==> flow/design.v <==
module dp_scratch_blk #(
    parameter integer DEPTH = 6,
    parameter integer DATA_W = 12,
    parameter integer NR = 4,
    parameter integer AWIDTH = $clog2(DEPTH)
) (
    input  logic sys_clk,
    input  logic i_wr,
    input  logic [AWIDTH-1:0] i_wa,
    input  logic [DATA_W-1:0] i_din,
    input  logic [NR*AWIDTH-1:0] i_read_addr,
    output logic [NR*DATA_W-1:0] o_rd_data
);
    logic r_wr;
    logic [AWIDTH-1:0] r_wa;
    logic [DATA_W-1:0] r_din;
    always_ff @(posedge sys_clk) begin
        r_wr <= i_wr;
        r_wa <= i_wa;
        r_din <= i_din;
    end
    logic [DATA_W-1:0] rf [DEPTH-1:0];
    always_ff @(posedge sys_clk) begin
        if (r_wr)
            rf[r_wa] <= r_din;
    end
    logic [NR*AWIDTH-1:0] r_read_addr;
    always_ff @(posedge sys_clk) begin
        r_read_addr <= i_read_addr;
    end
    logic [NR*DATA_W-1:0] cur;
    for (genvar j = 0; j < NR; j++) begin : stage
        assign cur[j*DATA_W +: DATA_W] = rf[r_read_addr[j*AWIDTH +: AWIDTH]];
    end
    assign o_rd_data = cur;
endmodule
-- Step by step through the tools: dp_scratch_blk
What the tools print for dp_scratch_blk, step after step.
Lines are those of the file above, counted from 1.
Operators: Yosys type, input widths -> output width; for muxes data width and select width s.
Library cell names are shortened.
The mark - stands for no value.
- top module: dp_scratch_blk
- clock input: sys_clk
- library: sky130hd
- corner: tt_025C_1v80

-- After elaboration
Source: Yosys, flattened and elaborated, memories not mapped. Widths are those after wreduce; folded enables and synchronous resets count as part of the registers. Registers that Yosys merges into a memory's read port (data or address) are not register bits. Print and check cells do not count. Equal cells are merged and count once.
Memory sizes are those after Yosys's memory passes, which may raise the word count (mostly to a power of two), join words into wider ones and drop unused or constant bits.
- bits in registers: 16
- bits in writable memories at 72
- noted word width x clocked read ports: 48
- memory cells: 1
- noted input bits: 29
- output and inout port bits: 48
- muxes and demuxes: 3
- memories (name ; words ; width ; rd ports ; wr ports ; line ; RTL):
    rf ; 6 ; 12 ; 4 ; 1 ; 22 ; logic [DATA_W-1:0] rf [DEPTH-1:0];
- operator list (cell ; number):
    $mux 12 ; 1
    $mux 3 ; 1
    $mux 1 ; 1

-- Longest topological paths
Yosys ltp: most cells in a row. Word level: on the elaborated netlist, between registers, memories and ports. Mapped: between sequential cells and ports; inverters and the memories' decode and read muxes count.
- depth in word-level cells: 1
- ABC_AREA at 0
- noted depth in mapped cells: 4

-- After synthesis
The flow's flattened synthesis, as Yosys stat reports it; memories are mapped. The netlist is that of the ABC_AREA named above (0 if unset); the other value can give another one.
The area totals of this step are shown rounded.
- cell count: 274
- cell area after synthesis at 5100 µm²
- noted sequential area: 2720 µm²
- flip-flops at 100
- cell types (cell ; number ; area in all (µm²)):
    edfxtp_1 ; 72 ; 2.16E+03
    mux4_2 ; 48 ; 1.08E+03
    mux2_2 ; 69 ; 776.995
    dfxtp_1 ; 28 ; 560.538
    mux2_1 ; 27 ; 304.042
    buf_6 ; 12 ; 135.13
    buf_2 ; 4 ; 20.019
    nand2b_1 ; 3 ; 18.768
    clkbuf_1 ; 4 ; 15.014
    nor2_1 ; 4 ; 15.014
    nor3_1 ; 2 ; 10.01
    nand2_1 ; 1 ; 3.754

-- Path before layout
Source: OpenSTA report_checks on the synthesized netlist (no wires, ideal clock, input and output delay 20% of the period each), path of least setup slack; recovery checks are left aside. Register names are those of the netlist, which keeps one name where synthesis merged equal registers.
- path type: register to output
- start point: reg (no name shown)
- end point: out o_rd_data[24]
- period at 2140 ps
- arrival time at 1352 ps
- noted data required time: 1712 ps
- slack at 360 ps
- path delay at 1352 ps
- driving pins on the path: 5
- buffers on the path: 2
- synthesis period reached at 1780 ps
"path delay" is the arrival time less input delay plus setup time.
A path that ends at an output port has no setup time.
"driving pins on the path": output pins that drive a net of the path, with the launching flip-flop's if there is one; two outputs of one cell count as two.
"synthesis period reached" is the clock period less the worst setup slack; recovery checks do not enter. This is arithmetic on one report: input and output delays are still those of the set period (20% each).
- cell sequence: dfxtp_1 buf_6 buf_6 mux2_2 mux4_2
- RTL lines, path post-synthesis (element ; line ; RTL):
    end, declared ; 12 ; output logic [NR*DATA_W-1:0] o_rd_data
No chain of elaborated cells between the ends is given.

-- Worst path after layout
Path of least setup slack in the final report of job 1 (OpenROAD, finished layout, wires in). Where an end is a register, its clock arrival counts in the times.
The path's times are printed in steps of 10 ps; the period is the one set.
- path type: register to output
- start point: reg (no name shown)
- end point: out o_rd_data[37]
- period at 2140 ps
- arrival time at 1940 ps
- noted data required time: 1710 ps
- slack at -220 ps
- driving pins on the path: 6
- buffers on the path: 3
- cell sequence: dfxtp_4 buf_12 buf_16 mux2_4 mux4_2 buf_6
- RTL lines, path post-layout (element ; line ; RTL):
    end, declared ; 12 ; output logic [NR*DATA_W-1:0] o_rd_data
No chain of elaborated cells between the ends is given.

Wiki page: dp_scratch_blk / flow data

Measured results for dp_scratch_blk: 3 stored runs of the Yosys and OpenROAD flow on sky130hd. The settings differ; the order carries no meaning. The constraints put input and output delay at 20% of the set period each and load the outputs with 0.01 pF.
"worst path time": the worst setup path's part of the clock period (all of it between registers, 20% less for each end at a port) less its slack. A launch clock that arrives late makes it longer, a capture clock that arrives late makes it shorter.
"worst path time" is given in steps of 10 ps.
Results are given in rounded form.

Job 1
Settings were period_ns = 2.14; CAP_MARGIN = 20; CORE_MARGIN = 2; CORE_UTILIZATION = 40; SLEW_MARGIN = 20
- smallest hold slack: 520 ps
- overall die area: 13,700 µm²
- standard-cell area after routing at 7,270 µm²
- lowest setup slack: -223 ps
- mapped cell area after synthesis: 5,100 µm²
- worst path time at 1,940 ps
- worst setup path type: register to output
- utilization after layout at 58.1 %
- noted the setup TNS: -5,420 ps

Job 2
Settings were period_ns = 2.52; CORE_UTILIZATION = 54; SETUP_SLACK_MARGIN = 0.13; CORE_ASPECT_RATIO = 1.46; CELL_PAD_IN_SITES_GLOBAL_PLACEMENT = 2; CELL_PAD_IN_SITES_DETAIL_PLACEMENT = 1; ABC_AREA = 1; CAP_MARGIN = 35; MAX_ROUTING_LAYER = met4; CORE_MARGIN = 2; SLEW_MARGIN = 20
- no results, placement failed with GPL-0301

Job 3
Settings were period_ns = 3.24; CORE_UTILIZATION = 31; SETUP_SLACK_MARGIN = 0.67; HOLD_SLACK_MARGIN = -0.02; TNS_END_PERCENT = 60; ABC_AREA = 0; CAP_MARGIN = 35; CORE_MARGIN = 2; SLEW_MARGIN = 20
- utilization after layout at 44.2 %
- standard-cell area after routing at 7,080 µm²
- lowest setup slack: 618 ps
- mapped cell area after synthesis: 5,100 µm²
- smallest hold slack: 528 ps
- overall die area: 17,500 µm²
- worst path time at 1,970 ps
- worst setup path type: register to output
- noted the setup TNS: 0 ps
